==> flow/design.v <==
module times_top #(
    parameter WIDTH = 3
) (
    input  wire clk_i,
    input  wire [WIDTH-1:0] dataa,
    input  wire [WIDTH-1:0] datab,
    output wire [2*WIDTH-1:0] result
);
    reg [WIDTH-1:0] dataa_ff;
    always @(posedge clk_i)
        dataa_ff <= dataa;
    reg [WIDTH-1:0] datab_ff;
    always @(posedge clk_i)
        datab_ff <= datab;
    reg [2*WIDTH-1:0] result_ff;
    always @(posedge clk_i)
        result_ff <= dataa_ff * datab_ff;
    assign result = result_ff;
endmodule
; From RTL to reports: times_top
; Tool output for the members of one design family, told apart by "WIDTH", in the order of the flow.
; The RTL above is that of WIDTH=3; lines are counted from 1 in the file of the member named.
; Operators carry their Yosys type and port widths (W data, S select, Z words).
; Library cell names are shortened.
; A cell with - has no value.
[design]
design = times_top
clock = clk_i
lib = sky130hd
lib_corner = tt_025C_1v80

; Members of the sweep
; Lines of each other member's file that are new or changed against the file above; lines that a member lacks are not shown.
[src_changes]
columns = WIDTH, line
row1 = 8, 2  ; parameter WIDTH = 8
row2 = 10, 2  ; parameter WIDTH = 10
row3 = 11, 2  ; parameter WIDTH = 11
row4 = 12, 2  ; parameter WIDTH = 12
row5 = 16, 2  ; parameter WIDTH = 16
row6 = 18, 2  ; parameter WIDTH = 18

; Elaborated design
; Yosys after proc, flatten, opt, wreduce and memory -nomap, before mapping. Enables and synchronous resets that opt folds into registers are not counted as muxes. Memory bits, and registers merged into a memory's read port (data or address), are not among the register bits. Print and check cells are not counted. Equal cells are merged and count once.
[bits]
columns = WIDTH, ff_bits, latchBits, mem_bits_rw, romBits, clocked_rd_ports_x_width, memories, wordCells
row1 = 3, 12, 0, 0, 0, 0, 0, 4
row2 = 8, 32, 0, 0, 0, 0, 0, 4
row3 = 10, 40, 0, 0, 0, 0, 0, 4
row4 = 11, 44, 0, 0, 0, 0, 0, 4
row5 = 12, 48, 0, 0, 0, 0, 0, 4
row6 = 16, 64, 0, 0, 0, 0, 0, 4
row7 = 18, 72, 0, 0, 0, 0, 0, 4
[classes]
columns = WIDTH, n_addsub, multipliers, n_div, cmp, equal, shifts, muxes, bitwise, n_reduce_logical
row1 = 3, 0, 1, 0, 0, 0, 0, 0, 0, 0
row2 = 8, 0, 1, 0, 0, 0, 0, 0, 0, 0
row3 = 10, 0, 1, 0, 0, 0, 0, 0, 0, 0
row4 = 11, 0, 1, 0, 0, 0, 0, 0, 0, 0
row5 = 12, 0, 1, 0, 0, 0, 0, 0, 0, 0
row6 = 16, 0, 1, 0, 0, 0, 0, 0, 0, 0
row7 = 18, 0, 1, 0, 0, 0, 0, 0, 0, 0
[ops]
columns = WIDTH, operators
row1 = 3, $mul A3 B3 Y6: 1
row2 = 8, $mul A8 B8 Y16: 1
row3 = 10, $mul A10 B10 Y20: 1
row4 = 11, $mul A11 B11 Y22: 1
row5 = 12, $mul A12 B12 Y24: 1
row6 = 16, $mul A16 B16 Y32: 1
row7 = 18, $mul A18 B18 Y36: 1

; Longest topological paths
; Depth = most cells in a row (Yosys ltp): at word level without a register or memory, in the mapped netlist without a sequential cell, where the memories' decode and read muxes count.
[depth]
columns = WIDTH, depth_word, abc_area, ltp_mapped, ltp_nobuf
row1 = 3, 1, 0, 6, 6
row2 = 8, 1, 0, 15, 15
row3 = 10, 1, 0, 19, 18
row4 = 11, 1, 0, 19, 18
row5 = 12, 1, 0, 20, 18
row6 = 16, 1, 0, 22, 20
row7 = 18, 1, 0, 23, 21

; After synthesis
; Yosys stat after the flow's synthesis: flattened, memories mapped to cells. It holds for the ABC_AREA given above (unset counts as 0); a run with the other value may have another netlist.
[synth_totals]
columns = WIDTH, cell_count, mapped_area_um2, ffs, buf_cells
row1 = 3, 36, 436.7, 12, 0
row2 = 8, 275, 2747.6, 32, 0
row3 = 10, 430, 4112.7, 40, 17
row4 = 11, 547, 5083.6, 44, 25
row5 = 12, 627, 5738.0, 48, 28
row6 = 16, 1048, 9884.5, 64, 37
row7 = 18, 1329, 12194.2, 72, 53
[types]
columns = WIDTH, cell_types
row1 = 3, dfxtp_1: 12; ha_1: 5; and2_1: 9; fa_1: 2; inv_1: 4; xnor2_1: 1; a21oi_1: 1; nand3_1: 1; nand2_1: 1
row2 = 8, fa_1: 36; dfxtp_1: 32; ha_1: 36; and2_1: 47; inv_1: 49; nand2_1: 23; xnor2_1: 7; xor2_1: 4; o21a_1: 4; a211o_1: 3; a21oi_1: 5; nor2_1: 6; and3_1: 3; a221oi_2: 1; o211ai_1: 2; a211oi_2: 1; nor2b_1: 2; nor3b_2: 1; (+13)
row3 = 10, fa_1: 62; dfxtp_1: 40; ha_1: 55; and2_1: 51; inv_1: 72; nand2_1: 57; xor2_1: 9; xnor2_1: 8; clkbuf_1: 17; a21oi_1: 10; a21o_1: 5; a31oi_1: 6; o21ai_0: 6; nor2_1: 6; nand3_1: 4; nand4_1: 3; a21oi_2: 2; a211oi_1: 2; (+15)
row4 = 11, fa_1: 80; dfxtp_1: 44; ha_1: 60; inv_1: 107; and2_1: 62; nand2_1: 70; a21oi_1: 19; xnor2_1: 10; clkbuf_1: 22; xor2_1: 6; a21o_1: 5; nand3_1: 7; nor2_1: 8; a21o_2: 3; nand2b_1: 4; a211oi_1: 3; buf_4: 3; o211ai_1: 3; (+31)
row5 = 12, fa_1: 100; dfxtp_1: 48; ha_1: 62; inv_1: 141; nand2_1: 101; and2_1: 53; xnor2_1: 14; clkbuf_1: 28; a21oi_1: 14; nor2_1: 11; a21o_1: 5; xor2_1: 4; a311oi_4: 1; a31oi_1: 4; nand4_1: 4; o21a_1: 3; o21ai_0: 4; nand2b_1: 3; (+27)
row6 = 16, fa_1: 194; ha_1: 104; dfxtp_1: 64; inv_1: 224; and2_1: 125; nand2_1: 145; xnor2_1: 19; a21o_1: 17; clkbuf_1: 34; a21oi_1: 22; o21ai_0: 13; xor2_1: 7; nand3_1: 10; nor2_1: 12; o21a_1: 4; o41ai_4: 1; o21ai_2: 3; a211oi_2: 2; (+48)
row7 = 18, fa_1: 256; dfxtp_1: 72; ha_1: 110; inv_1: 321; and2_1: 157; nand2_1: 197; clkbuf_1: 45; xnor2_1: 19; a21oi_1: 28; xor2_1: 12; o21ai_0: 17; nor2_1: 21; a21o_1: 9; nand4_1: 8; nand3_1: 7; buf_6: 3; a31oi_1: 5; a31oi_2: 2; (+40)
; A list marked (+n) leaves out that many cells.

; Timing after synthesis
; Source: OpenSTA report_checks on the synthesized netlist (no wires, ideal clock, input and output delay 20% of the period each), path of least setup slack; recovery checks are left aside. Register names are those of the netlist, which keeps one name where synthesis merged equal registers.
[synth_path]
columns = WIDTH, path_kind, start, end, clock_period_ns, slack_ns, stages, path_delay_ns, period_less_setup_slack_ns
row1 = 3, register to register, register dataa_ff[0], register result_ff[4], 2.27, 0.452, 7, 1.817, 1.818
row2 = 8, register to register, register datab_ff[4], register result_ff[11], 4.89, 0.977, 16, 3.913, 3.913
row3 = 10, register to register, register dataa_ff[5], register result_ff[16], 5.77, 1.155, 18, 4.615, 4.615
row4 = 11, register to register, register datab_ff[2], register result_ff[21], 5.8, 1.157, 20, 4.643, 4.643
row5 = 12, register to register, register datab_ff[3], register result_ff[19], 6.07, 1.217, 19, 4.854, 4.853
row6 = 16, register to register, register datab_ff[7], register result_ff[27], 6.98, 1.396, 23, 5.584, 5.584
row7 = 18, register to register, register datab_ff[9], register result_ff[35], 7.18, 1.436, 23, 5.744, 5.744
; "path_delay_ns" = arrival - input delay + setup time.
; "stages": output pins that drive a net of the path, with the launching flip-flop's if there is one; two outputs of one cell count as two.
; "period_less_setup_slack_ns" = period - worst setup slack (recovery checks aside). The figure is calculated, with input and output delays left at 20% of the set period.
; The rows between start and end are the longest chain of elaborated cells between them; the timing report does not say that the signal goes this way. Where chains are equally long, one stands for them.
; Each line given opens the expression or statement behind the cell; cells for indexed reads and writes are added by Yosys, which also makes memories of some case tables.
[synth_between_WIDTH_3]
elab_chain_len = 1
[synth_rtl_WIDTH_3]
columns = element, line
row1 = from (decl), 9  ; reg [WIDTH-1:0] dataa_ff;
row2 = from (assign), 11  ; dataa_ff <= dataa;
row3 = $mul A3 B3 Y6, 17  ; result_ff <= dataa_ff * datab_ff;
row4 = to (assign), 17
row5 = to (decl), 15  ; reg [2*WIDTH-1:0] result_ff;
[synth_between_WIDTH_18]
elab_chain_len = 1
[synth_rtl_WIDTH_18]
columns = element, line
row1 = from (decl), 12  ; reg [WIDTH-1:0] datab_ff;
row2 = from (assign), 14  ; datab_ff <= datab;
row3 = $mul A18 B18 Y36, 17  ; result_ff <= dataa_ff * datab_ff;
row4 = to (assign), 17
row5 = to (decl), 15  ; reg [2*WIDTH-1:0] result_ff;

; Timing after layout
; Path of least setup slack in the final report of the run of each member (OpenROAD, finished layout, wires in). Where an end is a register, its clock arrival counts in the times.
[layout_path]
columns = WIDTH, path_kind, start, end, clock_period_ns, slack_ns, stages, arrival_time_ns, n_path_buf
row1 = 3, register to register, register dataa_ff[0], register result_ff[3], 2.27, 0.37, 7, 2.06, 0
row2 = 8, register to register, register datab_ff[7], register result_ff[11], 4.89, 0.73, 15, 4.38, 0
row3 = 10, register to register, register dataa_ff[6], register result_ff[19], 5.77, 0.82, 18, 5.14, 0
row4 = 11, register to register, register dataa_ff[7], register result_ff[21], 5.8, 0.73, 19, 5.25, 0
row5 = 12, register to register, register datab_ff[4], register result_ff[19], 6.07, 0.88, 18, 5.37, 0
row6 = 16, register to register, register datab_ff[10], register result_ff[27], 6.98, 0.87, 19, 6.35, 0
row7 = 18, register to register, register datab_ff[10], register result_ff[35], 7.18, 0.97, 20, 6.45, 0

; Measured runs
; Settings and results of one run of the flow (Yosys, OpenROAD) for each member follow. The constraints put input and output delay at 20% of the set period each and load the outputs with 0.01 pF.
[settings]
CAP_MARGIN = 20
CORE_MARGIN = 2
CORE_UTILIZATION = 40
SLEW_MARGIN = 20
[settings_diff]
columns = WIDTH, period_ns
row1 = 3, 2.27
row2 = 8, 4.89
row3 = 10, 5.77
row4 = 11, 5.8
row5 = 12, 6.07
row6 = 16, 6.98
row7 = 18, 7.18
[results]
columns = WIDTH, post_synth_area_um2, design_die_area_um2, finalCellArea_um2, final_util_pct, fin_ws_ns, fin_tns_ns, fin_hold_ws_ns, achieved_period_ns
row1 = 3, 436.7, 1372.0, 609.3, 62.4, 0.370, 0.000, 0.474, 1.900
row2 = 8, 2747.6, 7548.1, 3279.4, 48.8, 0.733, 0.000, 0.555, 4.157
row3 = 10, 4112.7, 11109.2, 4742.1, 46.8, 0.824, 0.000, 0.651, 4.946
row4 = 11, 5083.6, 13627.1, 5803.1, 46.4, 0.728, 0.000, 0.664, 5.072
row5 = 12, 5738.0, 15319.0, 6553.8, 47.0, 0.881, 0.000, 0.704, 5.189
row6 = 16, 9884.5, 25983.8, 11140.7, 45.8, 0.866, 0.000, 0.833, 6.114
row7 = 18, 12194.2, 31898.0, 13510.5, 45.3, 0.969, 0.000, 0.826, 6.211
; By "achieved_period_ns" is meant the clock period of the run minus its worst setup slack. This is arithmetic on one report: input and output delays are still those of the set period (20% each).
